==> flow/design.v <==
module scratch #(
   parameter ENTRIES = 12,
   parameter WD = 6,
   parameter N_READ = 3,
   parameter NW = 1,
   parameter IDX_W = $clog2(ENTRIES)
) (
   input CLK,
   input [NW-1:0] i_we,
   input [NW*IDX_W-1:0] i_write_addr,
   input [NW*WD-1:0] i_d,
   input [N_READ*IDX_W-1:0] i_rd_addr,
   output reg [N_READ*WD-1:0] o_rd
);
   reg [WD-1:0] rf [0:ENTRIES-1];
   integer idx;
   always @(posedge CLK) begin
      for (idx = 0; idx < NW; idx = idx + 1)
         if (i_we[idx]) rf[i_write_addr[idx*IDX_W +: IDX_W]] <= i_d[idx*WD +: WD];
   end
   wire [N_READ*WD-1:0] val;
   genvar j;
   generate
      for (j = 0; j < N_READ; j = j + 1) begin : row
         assign val[j*WD +: WD] = rf[i_rd_addr[j*IDX_W +: IDX_W]];
      end
   endgenerate
   always @(posedge CLK)
      o_rd <= val;
endmodule
# Reports on scratch
# The steps from the RTL of scratch to its reports follow in flow order.
# Lines are those of the file above, counted from 1.
# Library cell names are shortened.
design:
  top: "scratch"
  clock: "CLK"
  lib: "sky130hd"
  lib_corner: "tt_025C_1v80"

# Word-level counts
# Yosys after proc, flatten, opt, wreduce and memory -nomap, before mapping. Enables and synchronous resets that opt folds into registers are not counted as muxes. Memory bits, and registers merged into a memory's read port (data or address), are not among the register bits. Print and check cells are not counted. Equal cells are merged and count once.
# Yosys's memory passes give these memory sizes; they may raise the number of words (mostly to a power of two), join words into wider ones and drop unused or constant bits.
bits:
  register_bits: 0
  ramBits: 72
  clocked_rd_ports_x_width: 18
  mem_count: 1
  input_bits: 24
  output_inout_bits: 18
  elab_cells: 4
op_classes:
  mux: 3
mem_list:
  columns: ["memory", "words", "width", "rd", "write_ports", "line_no", "source"]
  rows:
  - ["rf", 12, 6, 3, 1, 15, "reg [WD-1:0] rf [0:ENTRIES-1];"]
ops:
  columns: ["op", "n"]
  rows:
  - ["6-bit 2-to-1 mux", 1]
  - ["4-bit 2-to-1 mux", 1]
  - ["1-bit 2-to-1 mux", 1]

# Depth
# Yosys ltp: most cells in a row. Word level: on the elaborated netlist, between registers, memories and ports. Mapped: between sequential cells and ports; inverters and the memories' decode and read muxes count.
depth:
  depth_word: 1
  abc_area: 1
  mapped_depth: 8
  ltp_nobuf: 6

# Netlist
# Source: synth_stat.txt of the flow (Yosys; design flattened, memories mapped). It holds for the ABC_AREA given above (unset counts as 0); a run with the other value may have another netlist.
# Totals and module areas in this step are rounded.
synth_totals:
  cells: 611
  area_um2: 4930
  sequential_area_um2: 2520
  ff_cells: 90
types:
  columns: ["type", "n", "type_area_um2"]
  rows:
  - ["edfxtp_1", 72, 2.16E+03]
  - ["nand2_1", 185, 694.416]
  - ["nand3_1", 127, 635.61]
  - ["dfxtp_1", 18, 360.346]
  - ["inv_1", 64, 240.23]
  - ["buf_6", 18, 202.694]
  - ["o21ai_1", 29, 145.139]
  - ["o21ai_0", 25, 125.12]
  - ["nor2_1", 31, 116.362]
  - ["buf_4", 12, 90.086]
  - ["a21oi_1", 17, 85.082]
  - ["buf_2", 6, 30.029]
  - ["inv_4", 2, 12.512]
  - ["inv_2", 3, 11.261]
  - ["a21oi_2", 1, 8.758]
  - ["nand3b_1", 1, 7.507]

# Worst setup path after synthesis
# Source: OpenSTA report_checks on the synthesized netlist (no wires, ideal clock, input and output delay 20% of the period each), path of least setup slack; recovery checks are left aside. Register names are those of the netlist, which keeps one name where synthesis merged equal registers.
synth_path:
  kind: "input port to flip-flop"
  start: "input i_write_addr[3]"
  end: "memory rf[1][0]"
  tclk_ns: 2.11
  input_delay_ns: 0.422
  setup_ns: 0.350
  t_first_pin_ns: 0.422
  arrival_ns: 0.920
  t_required_ns: 1.760
  path_slack_ns: 0.840
  path_delay_ns: 0.848
  driving_pins: 2
  period_less_setup_slack_ns: 1.27
# "path_delay_ns" is the arrival time less input delay plus setup time.
# "driving_pins": output pins that drive a net of the path, with the launching flip-flop's if there is one; two outputs of one cell count as two.
# "period_less_setup_slack_ns" = period - worst setup slack (recovery checks aside). The figure is calculated, with input and output delays left at 20% of the set period.
# The rows between start and end are the longest chain of elaborated cells between them; the timing report does not say that the signal goes this way. Where chains are equally long, one stands for them.
# Each line given opens the expression or statement behind the cell; cells for indexed reads and writes are added by Yosys, which also makes memories of some case tables.
synth_via:
  path_cell_list: "nand3b_1 -> nor2_1"
  elab_chain_len: 1
synth_lines:
  columns: ["element", "line_no", "source"]
  rows:
  - ["start: declaration", 10, "input [NW*IDX_W-1:0] i_write_addr,"]
  - ["4-bit 2-to-1 mux", 19, "if (i_we[idx]) rf[i_write_addr[idx*IDX_W +: IDX_W]] <= i_d[idx*WD +: WD];"]
  - ["end: declaration", 15, "reg [WD-1:0] rf [0:ENTRIES-1];"]

# Worst path after layout
# Path of least setup slack in the final report of run A (OpenROAD, finished layout, wires in). Where an end is a register, its clock arrival counts in the times.
layout_path:
  kind: "flip-flop to output port"
  start: "register o_rd[11]"
  end: "output o_rd[11]"
  tclk_ns: 1.45
  t_first_pin_ns: 0.34
  arrival_ns: 1.20
  t_required_ns: 1.16
  path_slack_ns: -0.04
  driving_pins: 2
layout_via:
  path_cell_list: "dfxtp_1 -> clkdlybuf4s50_1"
  elab_chain_len: 0
layout_lines:
  columns: ["element", "line_no", "source"]
  rows:
  - ["start: declaration", 13, "output reg [N_READ*WD-1:0] o_rd"]
  - ["end: declaration", 13, null]

Lab notebook: scratch

Flow measurements of scratch on sky130hd: 3 stored runs with different settings, listed in no order. Input and output delays are each 20% of the period that was set; the output load is 0.01 pF.
"period_less_ws_ns" is the run's clock period less its worst setup slack. It is reckoned from that one timing run; input and output delays stay at 20% of the period that was set.
"worst_path_time_ns" = time allowed to the worst setup path (clock period - input delay - output delay, where it has them) - its slack; a late launch clock adds to it, a late capture clock takes from it.
"fin_power_w" is the tool's figure for a default switching activity; nothing was simulated.
Results are given in rounded form.

--- run A ---
==> flow/run.sh <==
#!/bin/bash
# the make line also repeats the synthesis and layout settings of config.mk as NAME=value (left out here)
make -C /OpenROAD-flow-scripts/flow DESIGN_CONFIG=/design/flow/config.mk WORK_HOME=/design/flow/orfs CLKGATE_MAP_FILE= finish
==> flow/config.mk <==
export PLATFORM = sky130hd
export DESIGN_NAME = scratch
export DESIGN_NICKNAME = scratch
export VERILOG_FILES = /design/flow/design.v
export SDC_FILE = /design/flow/constraint.sdc
export NUM_CORES = 4
export LEC_CHECK = 0
export ABC_AREA = 1
export CAP_MARGIN = 5
export CORE_ASPECT_RATIO = 1.82
export CORE_MARGIN = 7
export CORE_UTILIZATION = 64
export CTS_CLUSTER_SIZE = 47
export PLACE_DENSITY_LB_ADDON = 0.02
export SETUP_SLACK_MARGIN = -0.11
export SLEW_MARGIN = 5
export TNS_END_PERCENT = 70
==> flow/constraint.sdc <==
create_clock -name core_clock -period 1.45 [get_ports {CLK}]
set_input_delay 0.2900 -clock core_clock [delete_from_list [all_inputs] [get_ports {CLK}]]
set_output_delay 0.2900 -clock core_clock [all_outputs]
set_load 0.01 [all_outputs]

==> results, as YAML <==
results:
  die_area_um2: 10500
  period_less_ws_ns: 1.495
  timing.setup.tns_ns: -0.421
  final_cell_area_um2: 5770
  worst_path_time_ns: 1.20
  worst_setup_path_type: "flip-flop to output port"
  fin_power_w: 0.00619
  setup_worst_slack_ns: -0.045
  synth_area_um2: 4930
  post_route_util_pct: 76.6
  ws_hold_ns: 0.632

--- run B ---
==> flow/run.sh <==
#!/bin/bash
# the make line also repeats the synthesis and layout settings of config.mk as NAME=value (left out here)
make -C /OpenROAD-flow-scripts/flow DESIGN_CONFIG=/design/flow/config.mk WORK_HOME=/design/flow/orfs CLKGATE_MAP_FILE= finish
==> flow/config.mk <==
export PLATFORM = sky130hd
export DESIGN_NAME = scratch
export DESIGN_NICKNAME = scratch
export VERILOG_FILES = /design/flow/design.v
export SDC_FILE = /design/flow/constraint.sdc
export NUM_CORES = 4
export LEC_CHECK = 0
export CAP_MARGIN = 20
export CELL_PAD_IN_SITES_DETAIL_PLACEMENT = 0
export CELL_PAD_IN_SITES_GLOBAL_PLACEMENT = 1
export CORE_ASPECT_RATIO = 0.97
export CORE_MARGIN = 6
export CORE_UTILIZATION = 36
export CTS_CLUSTER_DIAMETER = 109
export CTS_CLUSTER_SIZE = 51
export GPL_ROUTABILITY_DRIVEN = 0
export SETUP_SLACK_MARGIN = 0.83
export SLEW_MARGIN = 20
==> flow/constraint.sdc <==
create_clock -name core_clock -period 2.96 [get_ports {CLK}]
set_input_delay 0.5920 -clock core_clock [delete_from_list [all_inputs] [get_ports {CLK}]]
set_output_delay 0.5920 -clock core_clock [all_outputs]
set_load 0.01 [all_outputs]

==> results, as YAML <==
results:
  die_area_um2: 15600
  period_less_ws_ns: 2.078
  timing.setup.tns_ns: 0.000
  final_cell_area_um2: 5440
  worst_path_time_ns: 1.49
  worst_setup_path_type: "input port to flip-flop"
  fin_power_w: 0.00301
  setup_worst_slack_ns: 0.882
  synth_area_um2: 4590
  post_route_util_pct: 43.8
  ws_hold_ns: 0.723

--- run C ---
==> flow/run.sh <==
#!/bin/bash
# the make line also repeats the synthesis and layout settings of config.mk as NAME=value (left out here)
make -C /OpenROAD-flow-scripts/flow DESIGN_CONFIG=/design/flow/config.mk WORK_HOME=/design/flow/orfs CLKGATE_MAP_FILE= finish
==> flow/config.mk <==
export PLATFORM = sky130hd
export DESIGN_NAME = scratch
export DESIGN_NICKNAME = scratch
export VERILOG_FILES = /design/flow/design.v
export SDC_FILE = /design/flow/constraint.sdc
export NUM_CORES = 4
export LEC_CHECK = 0
export CAP_MARGIN = 20
export CORE_MARGIN = 2
export CORE_UTILIZATION = 40
export SLEW_MARGIN = 20
==> flow/constraint.sdc <==
create_clock -name core_clock -period 2.11 [get_ports {CLK}]
set_input_delay 0.4220 -clock core_clock [delete_from_list [all_inputs] [get_ports {CLK}]]
set_output_delay 0.4220 -clock core_clock [all_outputs]
set_load 0.01 [all_outputs]

==> results, as YAML <==
results:
  die_area_um2: 12400
  period_less_ws_ns: 1.702
  timing.setup.tns_ns: 0.000
  final_cell_area_um2: 5660
  worst_path_time_ns: 1.28
  worst_setup_path_type: "input port to flip-flop"
  fin_power_w: 0.00423
  setup_worst_slack_ns: 0.408
  synth_area_um2: 4590
  post_route_util_pct: 50.0
  ws_hold_ns: 0.738
